==> flow/design.v <==
module barrel_stage #(
    parameter WD = 12,
    parameter SBITS = $clog2(WD)
) (
    input wire i_clk,
    input wire [WD-1:0] val,
    input wire [SBITS-1:0] n,
    output wire [WD-1:0] data_out
);
    wire [2*WD-1:0] work;
    assign work = {val, val} >> n;
    reg [WD-1:0] data_out_s;
    always @(posedge i_clk) begin
        data_out_s <= work[WD-1:0];
    end
    assign data_out = data_out_s;
endmodule
## From RTL to reports: barrel_stage

Tool output for the design above, in the order of the flow.
Line numbers count from 1 in the design file above.
Operators: Yosys type, input widths -> output width; for muxes data width and select width s.
Cell names lack the library's common part.
Not given: -

| inputs | value |
|---|---|
| top module | barrel_stage |
| clock input | i_clk |
| cell library | sky130hd |
| corner | tt_025C_1v80 |

## Word level

Yosys after proc, flatten, opt, wreduce and memory -nomap, before mapping. Enables and synchronous resets that opt folds into registers are not counted as muxes. Memory bits, and registers merged into a memory's read port (data or address), are not among the register bits. Print and check cells are not counted. Equal cells are merged and count once.

| cells by class | value |
|---|---|
| shift operators | 1 |

Operators by type and width:

| kind | count |
|---|---|
| $shr 24x4->12 | 1 |

| storage and ports | value |
|---|---|
| input bits | 17 |
| register bits | 12 |
| output and inout port bits | 12 |

## Longest topological paths

Longest topological path by Yosys (ltp), each cell counted once; first at word level (registers and memories cut), then after technology mapping (sequential cells cut; the memories' decode and read muxes count).

| logic depth | value |
|---|---|
| word-level depth | 1 |
| ABC_AREA | 0 |
| depth in mapped cells | 6 |
| mapped depth without buffers | 4 |

## Mapped cells and area

Yosys stat after the flow's synthesis: flattened, memories mapped to cells. It holds for the ABC_AREA given above (unset counts as 0); a run with the other value may have another netlist.
Totals and module areas in this step are rounded.

Cells by type:

| cell | count |
|---|---|
| dfxtp_1 | 12 |
| mux2i_1 | 11 |
| mux4_2 | 4 |
| mux2_2 | 7 |
| nand3_1 | 9 |
| nand2_1 | 10 |
| mux4_1 | 1 |
| nor2b_1 | 4 |
| nand2b_1 | 3 |
| o221ai_1 | 2 |
| a211oi_1 | 2 |
| a21oi_1 | 3 |
| a22oi_1 | 2 |
| clkbuf_1 | 4 |
| nor2_1 | 4 |
| a31oi_1 | 2 |
| o22ai_1 | 2 |
| buf_6 | 1 |

Other cell types: 15; their cells: 16.

| synthesis totals | value |
|---|---|
| standard cells after synthesis | 99 |
| flip-flop cells | 12 |
| area of sequential cells | 240 sq um |
| buffer cells | 8 |
| chip area (Yosys) | 920 sq um |

## Timing after synthesis

Source: OpenSTA report_checks on the synthesized netlist (no wires, ideal clock, input and output delay 20% of the period each), path of least setup slack; recovery checks are left aside. Register names are those of the netlist, which keeps one name where synthesis merged equal registers.

| timing after synthesis | value |
|---|---|
| path kind | input port to flip-flop |
| start point | in n[0] |
| end point | reg data_out_s[3] |
| data required time | 1.958 ns |
| launch time at the first pin | 0.416 ns |
| delay of the path | 1.331 ns |
| setup time | 0.122 ns |
| arrival | 1.625 ns |
| buffers on the path | 1 |
| clock period | 2.08 ns |
| driving pins on the path | 4 |
| setup slack | 0.333 ns |
| period reached after synthesis | 1.747 ns |

"delay of the path" is the arrival time less input delay plus setup time.
"driving pins on the path" counts driving pins, that of a launching flip-flop among them; a cell with two outputs on the path counts twice.
"period reached after synthesis" is the clock period less the worst setup slack; recovery checks do not enter. This is arithmetic on one report: input and output delays are still those of the set period (20% each).
Between the ends stands the longest chain of elaborated cells between them, by number of cells; it is not shown to be the way that was timed. Of several equally long chains one is given.
A line is the first line of the expression or statement that the cell stems from. Yosys adds cells for indexed reads and writes and turns some case tables into memories.

| on the way, after synthesis | value |
|---|---|
| cells stage by stage | buf_6 mux4_2 mux2_2 a221o_1 |
| length of the longest elaborated chain | 1 |
| elaborated cells on any way between the ends | 1 |

RTL lines, path after synthesis:

| element | RTL line | RTL |
|---|---|---|
| start, declared | 7 | `input wire [SBITS-1:0] n,` |
| $shr 24x4->12 | 11 | `assign work = {val, val} >> n;` |
| end, assigned | 14 | `data_out_s <= work[WD-1:0];` |
| end, declared | 12 | `reg [WD-1:0] data_out_s;` |

## Path in the finished layout

From the final timing report of run 1: the path of least setup slack in the routed layout; clock arrival at registers is part of the times.

| timing after layout | value |
|---|---|
| path kind | input port to flip-flop |
| start point | in val[8] |
| end point | reg data_out_s[3] |
| launch time at the first pin | 0.42 ns |
| data required time | 2.24 ns |
| setup slack | 0.21 ns |
| setup time | 0.11 ns |
| clock period | 2.08 ns |
| buffers on the path | 1 |
| driving pins on the path | 4 |
| arrival | 2.02 ns |

Between the ends stands the longest chain of elaborated cells between them, by number of cells; it is not shown to be the way that was timed. Of several equally long chains one is given.

| on the way, after layout | value |
|---|---|
| cells stage by stage | clkdlybuf4s50_1 mux4_2 mux2_2 a221o_1 |
| length of the longest elaborated chain | 1 |
| elaborated cells on any way between the ends | 1 |

RTL lines, path after layout:

| element | RTL line | RTL |
|---|---|---|
| start, declared | 6 | `input wire [WD-1:0] val,` |
| $shr 24x4->12 | 11 | `assign work = {val, val} >> n;` |
| end, assigned | 14 | `data_out_s <= work[WD-1:0];` |
| end, declared | 12 | `reg [WD-1:0] data_out_s;` |

# Flow runs of barrel_stage

Flow measurements of barrel_stage on sky130hd: 3 stored runs with different settings, listed in no order. Input and output delays are each 20% of the period that was set; the output load is 0.01 pF.
"clock period reached" = clock period - worst setup slack. The figure is calculated, with input and output delays left at 20% of the set period.
"critical path time" means the part of the period allowed to the worst setup path (the constraints hold back 20% at inputs and 20% at outputs) less its slack; where the path has registers, the arrival times of their clocks count too.
"total power of the final layout": no workload was simulated; the value follows from the tool's default switching activity.
Results are given in rounded form.

#### Run 1

| setting | value |
|---|---|
| period_ns | `2.08` |
| CAP_MARGIN | `20` |
| CORE_MARGIN | `2` |
| CORE_UTILIZATION | `40` |
| SLEW_MARGIN | `20` |

| result | value |
|---|---|
| setup slack of the worst path | 0.213 ns |
| full die area | 2700 sq um |
| critical path time | 1.45 ns |
| worst setup path type | input port to flip-flop |
| utilization after layout | 0.628 |
| setup TNS | 0.000 ns |
| clock period reached | 1.867 ns |
| std-cell area (final layout) | 1380 sq um |
| total power of the final layout | 0.753 mW |
| chip area after synthesis (Yosys) | 920 sq um |

#### Run 2

| setting | value |
|---|---|
| period_ns | `1.66` |
| CORE_UTILIZATION | `47` |
| PLACE_DENSITY | `0.86` |
| CELL_PAD_IN_SITES_DETAIL_PLACEMENT | `0` |
| GPL_TIMING_DRIVEN | `0` |
| GPL_ROUTABILITY_DRIVEN | `0` |
| CAP_MARGIN | `40` |
| SLEW_MARGIN | `20` |
| CORE_MARGIN | `2` |

| result | value |
|---|---|
| setup slack of the worst path | 0.055 ns |
| full die area | 2330 sq um |
| critical path time | 1.27 ns |
| worst setup path type | input port to flip-flop |
| utilization after layout | 0.712 |
| setup TNS | 0.000 ns |
| clock period reached | 1.605 ns |
| std-cell area (final layout) | 1270 sq um |
| total power of the final layout | 0.922 mW |
| chip area after synthesis (Yosys) | 920 sq um |

#### Run 3

| setting | value |
|---|---|
| period_ns | `1.41` |
| CORE_UTILIZATION | `40` |
| PLACE_DENSITY_LB_ADDON | `0.17` |
| HOLD_SLACK_MARGIN | `0.09` |
| TNS_END_PERCENT | `85` |
| GPL_TIMING_DRIVEN | `1` |
| CTS_CLUSTER_SIZE | `68` |
| CTS_CLUSTER_DIAMETER | `308` |
| CAP_MARGIN | `15` |
| SLEW_MARGIN | `0` |
| CORE_MARGIN | `2` |

| result | value |
|---|---|
| setup slack of the worst path | 0.023 ns |
| full die area | 2700 sq um |
| critical path time | 1.10 ns |
| worst setup path type | input port to flip-flop |
| utilization after layout | 0.7 |
| setup TNS | 0.000 ns |
| clock period reached | 1.387 ns |
| std-cell area (final layout) | 1530 sq um |
| total power of the final layout | 1.16 mW |
| chip area after synthesis (Yosys) | 920 sq um |
